==> flow/design.v <==
module my_times_v2 #(
  parameter WD = 16,
  parameter COEF = 25,
  parameter RES_W = WD + $clog2(COEF + 1)
) (
  input  logic clk,
  input  logic clk_en,
  input  logic [WD-1:0] in_x,
  output logic [RES_W-1:0] out_out
);
  always_ff @(posedge clk) begin
    if (clk_en) begin
      out_out <= in_x * COEF;
    end
  end
endmodule
[Step by step through the tools: my_times_v2]
The steps from the RTL of my_times_v2 to its reports follow in flow order.
Lines are those of the file above, counted from 1.
Library cell names are shortened.
The mark -- stands for no value.
Inputs
  design top: my_times_v2
  clock input: clk
  cell library: sky130hd
  corner: tt_025C_1v80

[After elaboration]
Source: Yosys, flattened and elaborated, memories not mapped. Widths are those after wreduce; folded enables and synchronous resets count as part of the registers. Registers that Yosys merges into a memory's read port (data or address) are not register bits. Print and check cells do not count. Equal cells are merged and count once.
Bit counts
  bits in registers: 21
  latch bits: 0
  bits in writable memories: 0
  bits in read-only memories: 0
  word width x clocked read ports: 0
  memory cells: 0
  output and inout bits: 21
  word-level cells: 2
Cells by class
  add/subtract/negate cells: 0
  $mul: 1
  divide/modulo/power cells: 0
  $lt $le $gt $ge: 0
  equality and inequality tests: 0
  shifts and indexed selects: 0
  multiplexer cells: 0
  bitwise logic cells: 0
  reductions and logical operators: 0
Operator list (count)
  16-bit by 5-bit multiplier with 21-bit output (second input constant): 1

[Logic depth]
Yosys ltp: most cells in a row. Word level: on the elaborated netlist, between registers, memories and ports. Mapped: between sequential cells and ports; inverters and the memories' decode and read muxes count.
Logic depth
  depth in word-level cells: 1
  ABC_AREA: 0
  mapped depth: 12
  gate-level depth less buffers: 11

[Synthesis result]
The flow's flattened synthesis, as Yosys stat reports it; memories are mapped. The netlist is that of the ABC_AREA named above (0 if unset); the other value can give another one.
Synthesis totals
  cell count: 190
  mapped area: 2170.8 sq um
  flip-flop cells: 21
  buffer cells: 2
Cell types
  ha_1: count 53, area in all 663.136 sq um
  edfxtp_1: count 21, area in all 630.605 sq um
  fa_1: count 11, area in all 220.211 sq um
  inv_1: count 21, area in all 78.826 sq um
  xnor2_1: count 8, area in all 70.067 sq um
  a21o_1: count 8, area in all 60.058 sq um
  a21oi_1: count 9, area in all 45.043 sq um
  xor2_1: count 5, area in all 43.792 sq um
  o41ai_4: count 1, area in all 27.526 sq um
  nand3_1: count 5, area in all 25.024 sq um
  nor2_1: count 6, area in all 22.522 sq um
  nor3_1: count 4, area in all 20.019 sq um
  or4b_1: count 2, area in all 20.019 sq um
  and3_1: count 3, area in all 18.768 sq um
  a211oi_1: count 2, area in all 15.014 sq um
  nand2_1: count 4, area in all 15.014 sq um
  o21ai_0: count 3, area in all 15.014 sq um
  o21bai_1: count 2, area in all 15.014 sq um
Not listed: further types 20, cells in them 22.

[Timing after synthesis]
OpenSTA on the mapped netlist: ideal clock, no wires. The path of least setup slack (recovery checks aside). Input and output delay are each 20% of the period. Register names are those of the netlist, which keeps one name where synthesis merged equal registers.
Path post-synthesis
  kind: input to register
  start point: input in_x[9]
  end point: register out_out[18]
  clock period: 4.75 ns
  input delay: 0.950 ns
  arrival time: 3.736 ns
  required time: 4.495 ns
  path slack: 0.759 ns
  delay of the path: 3.041 ns
  driving pins on the path: 11
  synthesis period reached: 3.991 ns
"delay of the path" = arrival - input delay + setup time.
"driving pins on the path": output pins that drive a net of the path, with the launching flip-flop's if there is one; two outputs of one cell count as two.
"synthesis period reached" is the clock period less the worst setup slack; recovery checks do not enter. This is arithmetic on one report: input and output delays are still those of the set period (20% each).
Between the ends stands the longest chain of elaborated cells between them, by number of cells; it is not shown to be the way that was timed. Of several equally long chains one is given.
A line is the first line of the expression or statement that the cell stems from. Yosys adds cells for indexed reads and writes and turns some case tables into memories.
Between the ends, post-synthesis
  path through: ha_1 ha_1 inv_1 fa_1 inv_1 ha_1 a21o_1 a21o_1 a221o_1 or4b_1 and3_1
  cells in the longest elaborated chain: 1
  elaborated cells between the ends (all ways): 1
  source lines of those cells: 1
  those cells by class: mul: 1
RTL lines, path post-synthesis
  start: declaration: RTL line 8  | input  logic [WD-1:0] in_x,
  16-bit by 5-bit multiplier with 21-bit output: RTL line 13  | out_out <= in_x * COEF;
  end: assignment: RTL line 13
  end: declaration: RTL line 9  | output logic [RES_W-1:0] out_out

[Path in the finished layout]
From the final timing report of record 1: the path of least setup slack in the routed layout; clock arrival at registers is part of the times.
Path after layout
  kind: input to register
  start point: input in_x[2]
  end point: register out_out[20]
  clock period: 4.06 ns
  input delay: 0.81 ns
  arrival time: 4.09 ns
  required time: 4.15 ns
  path slack: 0.06 ns
  driving pins on the path: 11
Between the ends stands the longest chain of elaborated cells between them, by number of cells; it is not shown to be the way that was timed. Of several equally long chains one is given.
Between the ends, after layout
  path through: clkdlybuf4s50_1 ha_1 ha_1 fa_1 ha_1 a21oi_2 o22ai_2 and4_1 buf_4 or4_1 o211ai_1
  cells in the longest elaborated chain: 1
  elaborated cells between the ends (all ways): 1
  source lines of those cells: 1
  those cells by class: mul: 1
RTL lines, path after layout
  start: declaration: RTL line 8  | input  logic [WD-1:0] in_x,
  16-bit by 5-bit multiplier with 21-bit output: RTL line 13  | out_out <= in_x * COEF;
  end: assignment: RTL line 13
  end: declaration: RTL line 9  | output logic [RES_W-1:0] out_out

3 stored runs of my_times_v2 in the flow (synthesis by Yosys, layout by OpenROAD, sky130hd cells), in arbitrary order. Constraints: input delay and output delay 20% of the set period each, output load 0.01 pF.
"achieved clock period" is the run's clock period less its worst setup slack. It is reckoned from that one timing run; input and output delays stay at 20% of the period that was set.
"power" is the tool's figure for a default switching activity; nothing was simulated.
[record 1] settings: period_ns=4.06, CORE_UTILIZATION=40, SETUP_SLACK_MARGIN=-0.01, PLACE_DENSITY=0.78, GPL_TIMING_DRIVEN=1, CTS_CLUSTER_DIAMETER=191, CAP_MARGIN=25, MAX_ROUTING_LAYER=met4, CORE_MARGIN=2, SLEW_MARGIN=20
[record 1] result: chip area after synthesis (Yosys) 2170.8 sq um, die area 6032.6 sq um, utilization 57.2%, worst setup slack after layout 0.061 ns, total negative slack 0.000 ns, worst hold slack 1.198 ns, power 1244 uW, achieved clock period 3.999 ns
[record 2] settings: period_ns=4.75, CAP_MARGIN=20, CORE_MARGIN=2, CORE_UTILIZATION=40, SLEW_MARGIN=20
[record 2] result: chip area after synthesis (Yosys) 2170.8 sq um, die area 6032.6 sq um, utilization 52.2%, worst setup slack after layout 0.419 ns, total negative slack 0.000 ns, worst hold slack 1.323 ns, power 984.9 uW, achieved clock period 4.331 ns
[record 3] settings: period_ns=2.51, CORE_UTILIZATION=72, SETUP_SLACK_MARGIN=0.39, PLACE_DENSITY_LB_ADDON=0.27, CORE_ASPECT_RATIO=1.17, TNS_END_PERCENT=100, CTS_CLUSTER_SIZE=23, CTS_CLUSTER_DIAMETER=137, CAP_MARGIN=0, SLEW_MARGIN=35, MIN_ROUTING_LAYER=met1, MAX_ROUTING_LAYER=met4, CORE_MARGIN=2
[record 3] result: did not finish, placement stopped with FLW-0024
